==> flow/design.v <==
module sync_compare #(
   parameter DWIDTH = 16
) (
   input wire i_clk,
   input wire valid,
   input wire [DWIDTH-1:0] dataa,
   input wire [DWIDTH-1:0] datab,
   input wire [DWIDTH-1:0] datac,
   output wire in_range
);
   reg r_in_range;
   always @(posedge i_clk) begin
      if (valid) begin
         r_in_range <= (dataa >= datab) && (dataa <= datac);
      end
   end
   assign in_range = r_in_range;
endmodule
[Tool chain data of sync_compare]
The steps from the RTL of sync_compare to its reports follow in flow order.
Lines are those of the file above, counted from 1.
A cell with -- has no value.
Inputs
  top: sync_compare
  clock: i_clk
  cell library: sky130hd
  corner: tt_025C_1v80

[Word level]
Yosys after proc, flatten, opt, wreduce and memory -nomap, before mapping. Enables and synchronous resets that opt folds into registers are not counted as muxes. Memory bits, and registers merged into a memory's read port (data or address), are not among the register bits. Print and check cells are not counted. Equal cells are merged and count once.
Word-level totals
  bits of input ports: 50
  register bits after elaboration: 1
  word-level cells: 4
  output and inout port bits: 1
Operators by class
  reductions and logical operators: 1
  order comparisons: 2
Operator list (count)
  greater-or-equal comparator 16 bit: 1
  less-or-equal comparator 16 bit: 1
  logical AND 1 bit: 1

[Depth]
Longest topological path by Yosys (ltp), each cell counted once; first at word level (registers and memories cut), then after technology mapping (sequential cells cut; the memories' decode and read muxes count).
Depth
  depth after elaboration: 2
  ABC_AREA: 0
  mapped depth: 7
  gate-level depth less buffers: 7

[Mapped cells and area]
The flow's flattened synthesis, as Yosys stat reports it; memories are mapped. The netlist is that of the ABC_AREA named above (0 if unset); the other value can give another one.
The area totals of this step are shown rounded.
Synthesis totals
  standard cells after synthesis: 111
  buffer cells: 0
  flip-flops: 1
  synthesis area: 840 um^2
  sequential part of the area: 30 um^2
Cell types
  sky130_fd_sc_hd__ha_1: count 32, area in all 400.384 um^2
  sky130_fd_sc_hd__inv_1: count 32, area in all 120.115 um^2
  sky130_fd_sc_hd__a21oi_1: count 11, area in all 55.053 um^2
  sky130_fd_sc_hd__nand4_4: count 2, area in all 42.541 um^2
  sky130_fd_sc_hd__edfxtp_1: count 1, area in all 30.029 um^2
  sky130_fd_sc_hd__nand2_1: count 7, area in all 26.275 um^2
  sky130_fd_sc_hd__o21ai_0: count 5, area in all 25.024 um^2
  sky130_fd_sc_hd__nand4_1: count 3, area in all 18.768 um^2
  sky130_fd_sc_hd__nor2b_1: count 2, area in all 12.512 um^2
  sky130_fd_sc_hd__nor4_1: count 2, area in all 12.512 um^2
  sky130_fd_sc_hd__a2111o_1: count 1, area in all 11.261 um^2
  sky130_fd_sc_hd__nor2_1: count 3, area in all 11.261 um^2
  sky130_fd_sc_hd__nand3_1: count 2, area in all 10.01 um^2
  sky130_fd_sc_hd__o211a_1: count 1, area in all 10.01 um^2
  sky130_fd_sc_hd__o32a_1: count 1, area in all 10.01 um^2
  sky130_fd_sc_hd__a221oi_1: count 1, area in all 8.758 um^2
  sky130_fd_sc_hd__a211oi_1: count 1, area in all 7.507 um^2
  sky130_fd_sc_hd__nor3b_1: count 1, area in all 7.507 um^2
Other cell types: 3; their cells: 3.

[Timing after synthesis]
OpenSTA on the mapped netlist: ideal clock, no wires. The path of least setup slack (recovery checks aside). Input and output delay are each 20% of the period. Register names are those of the netlist, which keeps one name where synthesis merged equal registers.
Timing path post-synthesis
  kind: input to register
  from: input port datac[1]
  to: register r_in_range
  time at the first pin: 428 ps
  required time: 1879 ps
  stages: 7
  path buffers: 0
  path slack: 343 ps
  arrival time: 1536 ps
  input delay: 428 ps
  library setup time: 261 ps
  path delay: 1369 ps
  clock period: 2140 ps
  synthesis period reached: 1797 ps
"path delay" = arrival - input delay + setup time.
"stages" counts driving pins, that of a launching flip-flop among them; a cell with two outputs on the path counts twice.
"synthesis period reached" = period - worst setup slack (recovery checks aside). The figure is calculated, with input and output delays left at 20% of the set period.
The rows between start and end are the longest chain of elaborated cells between them; the timing report does not say that the signal goes this way. Where chains are equally long, one stands for them.
Each line given opens the expression or statement behind the cell; cells for indexed reads and writes are added by Yosys, which also makes memories of some case tables.
On the way, post-synthesis
  path through: sky130_fd_sc_hd__inv_1 sky130_fd_sc_hd__ha_1 sky130_fd_sc_hd__nor2b_1 sky130_fd_sc_hd__o211ai_1 sky130_fd_sc_hd__a2111o_1 sky130_fd_sc_hd__o211a_1 sky130_fd_sc_hd__o32a_1
  length of the longest elaborated chain: 2
  elaborated cells on any way between the ends: 2
  RTL lines with such cells: 1
  those cells by class: 1 x compare; 1 x reduce/logical
RTL lines, path post-synthesis
  start: declaration: line 8  | input wire [DWIDTH-1:0] datac,
  less-or-equal comparator 16 bit: line 14  | r_in_range <= (dataa >= datab) && (dataa <= datac);
  logical AND 1 bit: line 14
  end: assignment: line 14
  end: declaration: line 11  | reg r_in_range;

[Path in the finished layout]
Path of least setup slack in the final report of job 2 (OpenROAD, finished layout, wires in). Where an end is a register, its clock arrival counts in the times.
The report prints the path's times to 10 ps; the period is as set.
Timing path post-layout
  kind: input to register
  from: input port dataa[5]
  to: register r_in_range
  stages: 6
  required time: 1880 ps
  time at the first pin: 430 ps
  clock period: 2140 ps
  input delay: 430 ps
  path slack: 60 ps
  path buffers: 1
  arrival time: 1820 ps
  library setup time: 260 ps
The rows between start and end are the longest chain of elaborated cells between them; the timing report does not say that the signal goes this way. Where chains are equally long, one stands for them.
On the way, post-layout
  path through: sky130_fd_sc_hd__clkdlybuf4s15_1 sky130_fd_sc_hd__ha_4 sky130_fd_sc_hd__nand4_4 sky130_fd_sc_hd__a2111o_1 sky130_fd_sc_hd__o211a_1 sky130_fd_sc_hd__o32a_1
  length of the longest elaborated chain: 2
  elaborated cells on any way between the ends: 3
  RTL lines with such cells: 1
  those cells by class: 2 x compare; 1 x reduce/logical
RTL lines, path post-layout
  start: declaration: line 6  | input wire [DWIDTH-1:0] dataa,
  greater-or-equal comparator 16 bit: line 14  | r_in_range <= (dataa >= datab) && (dataa <= datac);
  logical AND 1 bit: line 14
  end: assignment: line 14
  end: declaration: line 11  | reg r_in_range;

Add stored flow runs of sync_compare

Stored flow runs of sync_compare (3 of them; Yosys, OpenROAD, sky130hd). They differ in their settings and are not a sequence. Constraints: input delay and output delay 20% of the set period each, output load 0.01 pF.
"clock period reached" is the run's clock period less its worst setup slack. It is reckoned from that one timing run; input and output delays stay at 20% of the period that was set.
"time used up by the worst setup path": the worst setup path's part of the clock period (all of it between registers, 20% less for each end at a port) less its slack. A launch clock that arrives late makes it longer, a capture clock that arrives late makes it shorter.
"power consumption" is the tool's figure for a default switching activity; nothing was simulated.
"time used up by the worst setup path" is known to 10 ps.
Values from the reports are rounded here.

==> job 1: settings <==
{ "period_ns": 1.9, "CORE_UTILIZATION": 71, "PLACE_DENSITY_LB_ADDON": 0.26, "CORE_ASPECT_RATIO": 1.7, "CORE_MARGIN": 4, "CELL_PAD_IN_SITES_GLOBAL_PLACEMENT": 2, "TNS_END_PERCENT": 10, "ABC_AREA": 1, "CTS_CLUSTER_SIZE": 64, "CAP_MARGIN": 20, "SLEW_MARGIN": 20 }
==> job 1: results <==
incomplete, floorplanning halted on PDN-0185

==> job 2: settings <==
{ "period_ns": 2.14, "CAP_MARGIN": 20, "CORE_MARGIN": 2, "CORE_UTILIZATION": 40, "SLEW_MARGIN": 20 }
==> job 2: results <==
setup slack of the worst path: 62 ps
time used up by the worst setup path: 1,650 ps
type of the worst setup path: input to register
worst-case hold slack: 1,100 ps
power consumption: 0.00036 W
final design utilization: 0.88
synthesis area: 840 um^2
standard-cell area after routing: 1,700 um^2
post-route setup TNS: 0 ps
clock period reached: 2,078 ps
area of the die: 2,500 um^2

==> job 3: settings <==
{ "period_ns": 1.04, "CORE_UTILIZATION": 33, "SETUP_SLACK_MARGIN": -0.08, "PLACE_DENSITY": 0.9, "CORE_ASPECT_RATIO": 0.95, "TNS_END_PERCENT": 30, "ABC_AREA": 0, "GPL_ROUTABILITY_DRIVEN": 1, "CTS_CLUSTER_DIAMETER": 264, "SLEW_MARGIN": 30, "MIN_ROUTING_LAYER": "met2", "CAP_MARGIN": 20, "CORE_MARGIN": 2 }
==> job 3: results <==
final design utilization: 0.73
worst-case hold slack: 820 ps
setup slack of the worst path: -720 ps
synthesis area: 840 um^2
post-route setup TNS: -740 ps
time used up by the worst setup path: 1,550 ps
type of the worst setup path: input to register
standard-cell area after routing: 1,700 um^2
clock period reached: 1,762 ps
power consumption: 0.00076 W
area of the die: 3,000 um^2
